==> flow/design.v <==
module u_arith_blk #(
    parameter BITS = 128
) (
    input wire aclk,
    input wire signed [BITS-1:0] src1,
    input wire signed [BITS-1:0] src2,
    input wire sub,
    output reg [BITS-1:0] q,
    output reg co
);
    reg signed [BITS-1:0] src1_r;
    reg signed [BITS-1:0] src2_r;
    reg sub_r;
    always @(posedge aclk) begin
        src1_r <= src1;
        src2_r <= src2;
        sub_r <= sub;
    end
    wire [BITS-1:0] t2 = src2_r ^ {BITS{sub_r}};
    wire [BITS-1:0] nxt = $unsigned(src1_r) + t2 + sub_r;
    always @(posedge aclk) begin
        q <= nxt[BITS-1:0];
        co <= (src1_r[BITS-1] == t2[BITS-1]) && (nxt[BITS-1] != src1_r[BITS-1]);
    end
endmodule
## Tool chain data of u_arith_blk

Tool output for the design above, in the order of the flow.
Line numbers count from 1 in the design file above.
Operators carry their Yosys type and port widths (W data, S select, Z words).
Library cell names are shortened.
Not given: n/a

| set-up | value |
|---|---|
| top module | u_arith_blk |
| clock port | aclk |
| library | sky130hd |
| timing corner | tt_025C_1v80 |

## After elaboration

Counts by Yosys on the flattened word-level netlist (proc, flatten, opt, wreduce; memories kept). Register bits leave out memories and registers merged into their read ports (data or address); mux counts leave out enables and synchronous resets folded into registers. Print and check cells are left out. Cells with the same type and inputs are merged into one.

| operators by class | value |
|---|---|
| add/subtract/negate cells | 2 |
| multiply operators | 0 |
| div/mod/pow operators | 0 |
| order comparisons | 0 |
| eq/ne operators | 2 |
| shifts and indexed selects | 0 |
| mux-type cells | 0 |
| bitwise gates (word level) | 1 |
| reduce/logical cells | 1 |

Operators by type and width:

| cell | count |
|---|---|
| $add A128 B1 Y128 | 1 |
| $add A128 B128 Y128 | 1 |
| $xor A128 B128 Y128 | 1 |
| $eq A1 B1 Y1 | 1 |
| $ne A1 B1 Y1 | 1 |
| $logic_and A1 B1 Y1 | 1 |

| bit counts | value |
|---|---|
| register bits | 386 |
| latch bits | 0 |
| RAM bits | 0 |
| memory bits (read-only) | 0 |
| word width x clocked read ports | 0 |
| memory cells | 0 |
| input port bits | 258 |
| output and inout port bits | 129 |

## Longest topological paths

Longest topological path by Yosys (ltp), each cell counted once; first at word level (registers and memories cut), then after technology mapping (sequential cells cut; the memories' decode and read muxes count).

| logic depth | value |
|---|---|
| depth in word-level cells | 5 |
| ABC_AREA | 0 |
| depth in mapped cells | 17 |
| mapped depth without buffers | 14 |

## Synthesis result

The flow's flattened synthesis, as Yosys stat reports it; memories are mapped. The netlist is that of the ABC_AREA named above (0 if unset); the other value can give another one.
The area totals of this step are shown rounded.

| mapped netlist | value |
|---|---|
| standard cells after synthesis | 1897 |
| synthesis area | 18000 µm² |
| sequential area | 7700 µm² |
| flip-flops | 386 |
| buffers | 74 |

Cell types:

| type | count | area in all (µm²) |
|---|---|---|
| dfxtp_1 | 386 | 7.73E+03 |
| ha_1 | 126 | 1.58E+03 |
| xor2_1 | 166 | 1.45E+03 |
| a21oi_1 | 212 | 1.06E+03 |
| xnor2_1 | 79 | 691.914 |
| nand2_1 | 161 | 604.33 |
| o21ai_0 | 110 | 550.528 |
| nor2_1 | 101 | 379.114 |
| nand4_1 | 58 | 362.848 |
| o21bai_1 | 45 | 337.824 |
| a21o_1 | 33 | 247.738 |
| inv_1 | 57 | 213.955 |
| clkbuf_1 | 55 | 206.448 |
| nor3_1 | 39 | 195.187 |
| o31ai_1 | 17 | 127.622 |
| a31oi_1 | 20 | 125.12 |
| nand3_1 | 22 | 110.106 |
| nand2b_1 | 16 | 100.096 |

Other cell types: 52; their cells: 194.

## Path before layout

Source: OpenSTA report_checks on the synthesized netlist (no wires, ideal clock, input and output delay 20% of the period each), path of least setup slack; recovery checks are left aside. Register names are those of the netlist, which keeps one name where synthesis merged equal registers.

| timing post-synthesis | value |
|---|---|
| kind | register -> register |
| from | register sub_r |
| to | register q[126] |
| period | 5.55 ns |
| launch time at the first pin | 0.000 ns |
| arrival time | 4.335 ns |
| required time | 5.447 ns |
| path slack | 1.112 ns |
| delay of the path | 4.438 ns |
| stages on the path | 18 |
| synthesis period reached | 4.438 ns |

"delay of the path" = arrival - input delay + setup time.
"stages on the path" counts driving pins, that of a launching flip-flop among them; a cell with two outputs on the path counts twice.
"synthesis period reached" is the clock period less the worst setup slack; recovery checks do not enter. This is arithmetic on one report: input and output delays are still those of the set period (20% each).
Between the ends stands the longest chain of elaborated cells between them, by number of cells; it is not shown to be the way that was timed. Of several equally long chains one is given.
A line is the first line of the expression or statement that the cell stems from. Yosys adds cells for indexed reads and writes and turns some case tables into memories.

| on the way, post-synthesis | value |
|---|---|
| path through | dfxtp_1 clkbuf_1 buf_1 clkbuf_1 xor2_1 ha_1 buf_2 nand3_2 a2111oi_4 nor2_2 o41ai_2 o311ai_2 a2111oi_4 nand2b_1 a31oi_2 a21oi_4 mux2i_1 a2111oi_2 |
| length of the longest elaborated chain | 3 |

RTL lines, path post-synthesis:

| item | RTL line | text |
|---|---|---|
| from (decl) | 13 | `reg sub_r;` |
| from (assign) | 17 | `sub_r <= sub;` |
| $xor A128 B128 Y128 | 19 | `wire [BITS-1:0] t2 = src2_r ^ {BITS{sub_r}};` |
| $add A128 B128 Y128 | 20 | `wire [BITS-1:0] nxt = $unsigned(src1_r) + t2 + sub_r;` |
| $add A128 B1 Y128 | 20 |  |
| to (assign) | 22 | `q <= nxt[BITS-1:0];` |
| to (decl) | 8 | `output reg [BITS-1:0] q,` |

## Timing after layout

Path of least setup slack in the final report of stored run 2 (OpenROAD, finished layout, wires in). Where an end is a register, its clock arrival counts in the times.

| timing post-layout | value |
|---|---|
| kind | register -> register |
| from | register sub_r |
| to | register q[121] |
| period | 7.6 ns |
| launch time at the first pin | 0.58 ns |
| arrival time | 6.20 ns |
| required time | 8.12 ns |
| path slack | 1.92 ns |
| stages on the path | 17 |

Between the ends stands the longest chain of elaborated cells between them, by number of cells; it is not shown to be the way that was timed. Of several equally long chains one is given.

| on the way, post-layout | value |
|---|---|
| path through | dfxtp_1 clkbuf_2 buf_2 clkbuf_2 xor2_1 ha_1 nand2_1 nor3_2 nand3_1 o211ai_1 o211ai_1 a2111oi_4 o31ai_1 a2111oi_2 nor3_1 o31ai_1 xnor2_1 |
| length of the longest elaborated chain | 3 |

RTL lines, path post-layout:

| item | RTL line | text |
|---|---|---|
| from (decl) | 13 | `reg sub_r;` |
| from (assign) | 17 | `sub_r <= sub;` |
| $xor A128 B128 Y128 | 19 | `wire [BITS-1:0] t2 = src2_r ^ {BITS{sub_r}};` |
| $add A128 B128 Y128 | 20 | `wire [BITS-1:0] nxt = $unsigned(src1_r) + t2 + sub_r;` |
| $add A128 B1 Y128 | 20 |  |
| to (assign) | 22 | `q <= nxt[BITS-1:0];` |
| to (decl) | 8 | `output reg [BITS-1:0] q,` |

Settings and measured results of 3 stored flow runs for module u_arith_blk (sky130hd), not sorted in any way. The constraints put input and output delay at 20% of the set period each and load the outputs with 0.01 pF.
"time on the worst setup path" is the time allowed to the run's worst setup path (the clock period less input and output delay, where it has them) less its slack. Clock arrival times count: a late capture clock shortens it, a late launch clock lengthens it.
"total power after layout" is the tool's figure for a default switching activity; nothing was simulated.
Results are given in rounded form.

#### Stored run 1

| setting | value |
|---|---|
| period_ns | `2.75` |
| CORE_UTILIZATION | `62` |
| PLACE_DENSITY | `0.85` |
| CELL_PAD_IN_SITES_DETAIL_PLACEMENT | `0` |
| CAP_MARGIN | `20` |
| CORE_MARGIN | `2` |
| SLEW_MARGIN | `20` |

Incomplete, clock tree synthesis halted on DPL-0038.

#### Stored run 2

| setting | value |
|---|---|
| period_ns | `7.6` |
| CORE_UTILIZATION | `22` |
| SETUP_SLACK_MARGIN | `1.65` |
| PLACE_DENSITY_LB_ADDON | `0.14` |
| CELL_PAD_IN_SITES_GLOBAL_PLACEMENT | `3` |
| CELL_PAD_IN_SITES_DETAIL_PLACEMENT | `1` |
| TNS_END_PERCENT | `65` |
| GPL_TIMING_DRIVEN | `0` |
| SLEW_MARGIN | `10` |
| CAP_MARGIN | `20` |
| CORE_MARGIN | `2` |

| result | value |
|---|---|
| total power after layout | 6.9 mW |
| post-layout utilization | 31% |
| full die area | 82000 µm² |
| standard-cell area after layout | 24000 µm² |
| post-synthesis cell area | 18000 µm² |
| lowest setup slack | 1.9 ns |
| worst hold slack in the final report | 0.46 ns |
| time on the worst setup path | 5.68 ns |
| worst setup path type | register -> register |

#### Stored run 3

| setting | value |
|---|---|
| period_ns | `5.55` |
| CAP_MARGIN | `20` |
| CORE_MARGIN | `2` |
| CORE_UTILIZATION | `40` |
| SLEW_MARGIN | `20` |

| result | value |
|---|---|
| total power after layout | 9.1 mW |
| post-layout utilization | 54% |
| full die area | 46000 µm² |
| standard-cell area after layout | 23000 µm² |
| post-synthesis cell area | 18000 µm² |
| lowest setup slack | 0.32 ns |
| worst hold slack in the final report | 0.48 ns |
| time on the worst setup path | 5.23 ns |
| worst setup path type | register -> register |
